==> flow/design.v <==
module gen_adder #(
    parameter NBITS = 48
) (
    input  wire clk,
    input  wire RSTN,
    input  wire [NBITS-1:0] dataa,
    input  wire [NBITS-1:0] datab,
    input  wire cin,
    output reg [NBITS-1:0] o,
    output reg carry
);
    wire [NBITS:0] val = dataa + datab + cin;
    always @(posedge clk or negedge RSTN) begin
        if (~RSTN) begin
            o <= 0;
            carry <= 1'b0;
        end else begin
            o <= val[NBITS-1:0];
            carry <= val[NBITS];
        end
    end
endmodule
### Reports on gen_adder

Tool output for the design above, in the order of the flow.
Lines are those of the file above, counted from 1.
A cell with - has no value.

| design | value |
|---|---|
| design top | gen_adder |
| clock | clk |
| library | sky130hd |
| timing corner | tt_025C_1v80 |

### Word-level counts

Yosys after proc, flatten, opt, wreduce and memory -nomap, before mapping. Enables and synchronous resets that opt folds into registers are not counted as muxes. Memory bits, and registers merged into a memory's read port (data or address), are not among the register bits. Print and check cells are not counted. Equal cells are merged and count once.

| word-level totals | value |
|---|---|
| register bits | 49 |
| output and inout port bits | 49 |

| cells by class | value |
|---|---|
| add/sub/neg operators | 2 |

Operators by type and width:

| kind | number |
|---|---|
| 48-bit by 48-bit adder with 49-bit output | 1 |
| 49-bit by 1-bit adder with 49-bit output | 1 |

### Depth

Longest topological path by Yosys (ltp), each cell counted once; first at word level (registers and memories cut), then after technology mapping (sequential cells cut; the memories' decode and read muxes count).

| logic depth | value |
|---|---|
| depth after elaboration | 2 |
| ABC_AREA | 0 |
| gate-level depth with buffers | 10 |
| depth with buffers taken out | 10 |

### Netlist

The flow's flattened synthesis, as Yosys stat reports it; memories are mapped. The netlist is that of the ABC_AREA named above (0 if unset); the other value can give another one.
Totals and module areas in this step are rounded.

| synthesis totals | value |
|---|---|
| mapped cells | 468 |
| mapped area | 4100 um2 |
| area of sequential cells | 1200 um2 |
| flip-flop cells | 49 |
| buffers | 17 |

Cells by type:

| cell | number | area in all (um2) |
|---|---|---|
| sky130_fd_sc_hd__dfrtp_1 | 49 | 1.23E+03 |
| sky130_fd_sc_hd__ha_1 | 47 | 588.064 |
| sky130_fd_sc_hd__a21oi_1 | 53 | 265.254 |
| sky130_fd_sc_hd__xnor2_1 | 22 | 192.685 |
| sky130_fd_sc_hd__xor2_1 | 20 | 175.168 |
| sky130_fd_sc_hd__nand2_1 | 42 | 157.651 |
| sky130_fd_sc_hd__a21o_1 | 17 | 127.622 |
| sky130_fd_sc_hd__o21ai_0 | 25 | 125.12 |
| sky130_fd_sc_hd__nor2_1 | 29 | 108.854 |
| sky130_fd_sc_hd__nand4_1 | 12 | 75.072 |
| sky130_fd_sc_hd__nor3_1 | 14 | 70.067 |
| sky130_fd_sc_hd__a31oi_1 | 11 | 68.816 |
| sky130_fd_sc_hd__nor2b_1 | 10 | 62.56 |
| sky130_fd_sc_hd__o21ai_1 | 9 | 45.043 |
| sky130_fd_sc_hd__clkbuf_1 | 11 | 41.29 |
| sky130_fd_sc_hd__fa_1 | 2 | 40.038 |
| sky130_fd_sc_hd__nand3_1 | 8 | 40.038 |
| sky130_fd_sc_hd__o211ai_1 | 5 | 37.536 |

Not listed: further types 40, cells in them 82.

### Path before layout

OpenSTA on the mapped netlist: ideal clock, no wires. The path of least setup slack (recovery checks aside). Input and output delay are each 20% of the period. Register names are those of the netlist, which keeps one name where synthesis merged equal registers.

| path after synthesis | value |
|---|---|
| path kind | input -> register |
| start point | input dataa[0] |
| end point | register o[38] |
| clock period | 3930 ps |
| external input delay | 786 ps |
| launch time at the first pin | 786 ps |
| arrival time | 3161 ps |
| data required time | 3790 ps |
| setup slack | 630 ps |
| path delay | 2515 ps |
| stages | 10 |
| buffers on the path | 0 |
| synthesis period reached | 3300 ps |

"path delay" is the arrival time less input delay plus setup time.
"stages": output pins that drive a net of the path, with the launching flip-flop's if there is one; two outputs of one cell count as two.
"synthesis period reached" is the clock period less the worst setup slack; recovery checks do not enter. This is arithmetic on one report: input and output delays are still those of the set period (20% each).
Between the ends stands the longest chain of elaborated cells between them, by number of cells; it is not shown to be the way that was timed. Of several equally long chains one is given.
A line is the first line of the expression or statement that the cell stems from. Yosys adds cells for indexed reads and writes and turns some case tables into memories.

| between the ends, after synthesis | value |
|---|---|
| path through | sky130_fd_sc_hd__fa_1 sky130_fd_sc_hd__fa_1 sky130_fd_sc_hd__a211oi_1 sky130_fd_sc_hd__o21ai_1 sky130_fd_sc_hd__o21a_1 sky130_fd_sc_hd__nor3_1 sky130_fd_sc_hd__nor2_1 sky130_fd_sc_hd__a31o_2 sky130_fd_sc_hd__a2111oi_0 sky130_fd_sc_hd__a311oi_1 |
| cells in the longest elaborated chain | 2 |
| elaborated cells on any way between the ends | 2 |
| RTL lines with such cells | 1 |
| classes of those cells | add/sub (2) |

RTL lines, path after synthesis:

| item | line | text |
|---|---|---|
| from (decl) | 6 | `input  wire [NBITS-1:0] dataa,` |
| 48-bit by 48-bit adder with 49-bit output | 12 | `wire [NBITS:0] val = dataa + datab + cin;` |
| 49-bit by 1-bit adder with 49-bit output | 12 |  |
| to (assign) | 15 | `o <= 0;` |
| to (assign) | 18 | `o <= val[NBITS-1:0];` |
| to (decl) | 9 | `output reg [NBITS-1:0] o,` |

### Worst path after layout

From the final timing report of entry B: the path of least setup slack in the routed layout; clock arrival at registers is part of the times.
The path's times are printed in steps of 10 ps; the period is the one set.

| path post-layout | value |
|---|---|
| path kind | input -> register |
| start point | input dataa[0] |
| end point | register o[38] |
| clock period | 3930 ps |
| external input delay | 790 ps |
| launch time at the first pin | 790 ps |
| arrival time | 3880 ps |
| data required time | 4100 ps |
| setup slack | 220 ps |
| stages | 11 |
| buffers on the path | 1 |

Between the ends stands the longest chain of elaborated cells between them, by number of cells; it is not shown to be the way that was timed. Of several equally long chains one is given.

| between the ends, post-layout | value |
|---|---|
| path through | sky130_fd_sc_hd__clkdlybuf4s50_1 sky130_fd_sc_hd__fa_1 sky130_fd_sc_hd__fa_1 sky130_fd_sc_hd__a211oi_1 sky130_fd_sc_hd__o21ai_1 sky130_fd_sc_hd__o21a_1 sky130_fd_sc_hd__nor3_1 sky130_fd_sc_hd__nor2_1 sky130_fd_sc_hd__a31o_2 sky130_fd_sc_hd__a2111oi_0 sky130_fd_sc_hd__a311oi_1 |
| cells in the longest elaborated chain | 2 |
| elaborated cells on any way between the ends | 2 |
| RTL lines with such cells | 1 |
| classes of those cells | add/sub (2) |

RTL lines, path post-layout:

| item | line | text |
|---|---|---|
| from (decl) | 6 | `input  wire [NBITS-1:0] dataa,` |
| 48-bit by 48-bit adder with 49-bit output | 12 | `wire [NBITS:0] val = dataa + datab + cin;` |
| 49-bit by 1-bit adder with 49-bit output | 12 |  |
| to (assign) | 15 | `o <= 0;` |
| to (assign) | 18 | `o <= val[NBITS-1:0];` |
| to (decl) | 9 | `output reg [NBITS-1:0] o,` |

Subject: flow runs of gen_adder

Hi,

Settings and measured results of 3 stored flow runs for module gen_adder (sky130hd), not sorted in any way. The constraints put input and output delay at 20% of the set period each and load the outputs with 0.01 pF.
"period achieved" means the clock period less the worst setup slack. The figure is calculated, with input and output delays left at 20% of the set period.
"time used up by the worst setup path" is the time allowed to the run's worst setup path (the clock period less input and output delay, where it has them) less its slack. Clock arrival times count: a late capture clock shortens it, a late launch clock lengthens it.
"power consumption" is the tool's figure for a default switching activity; nothing was simulated.
"time used up by the worst setup path" is known to 10 ps.
Measured values are rounded.

#### Entry A

| setting | value |
|---|---|
| period_ns | `6.19` |
| CORE_UTILIZATION | `48` |
| SETUP_SLACK_MARGIN | `-0.4` |
| CORE_MARGIN | `3` |
| CELL_PAD_IN_SITES_GLOBAL_PLACEMENT | `3` |
| CELL_PAD_IN_SITES_DETAIL_PLACEMENT | `0` |
| ABC_AREA | `1` |
| GPL_TIMING_DRIVEN | `0` |
| GPL_ROUTABILITY_DRIVEN | `1` |
| MAX_ROUTING_LAYER | `met5` |
| CAP_MARGIN | `20` |
| SLEW_MARGIN | `20` |

Did not finish, placement stopped with GPL-0301.

#### Entry B

| setting | value |
|---|---|
| period_ns | `3.93` |
| CAP_MARGIN | `20` |
| CORE_MARGIN | `2` |
| CORE_UTILIZATION | `40` |
| SLEW_MARGIN | `20` |

| result | value |
|---|---|
| mapped cell area after synthesis | 4100 um2 |
| die area | 11000 um2 |
| standard-cell area after layout | 5800 um2 |
| worst setup slack after layout | 220 ps |
| power consumption | 2.0 mW |
| period achieved | 3714 ps |
| time used up by the worst setup path | 2930 ps |
| critical path type | input -> register |

#### Entry C

| setting | value |
|---|---|
| period_ns | `3.25` |
| CORE_UTILIZATION | `70` |
| SETUP_SLACK_MARGIN | `0.42` |
| PLACE_DENSITY | `0.76` |
| CTS_CLUSTER_SIZE | `55` |
| CTS_CLUSTER_DIAMETER | `319` |
| MIN_ROUTING_LAYER | `met2` |
| CAP_MARGIN | `20` |
| CORE_MARGIN | `2` |
| SLEW_MARGIN | `20` |

Did not finish, placement stopped with GPL-0301.

Regards
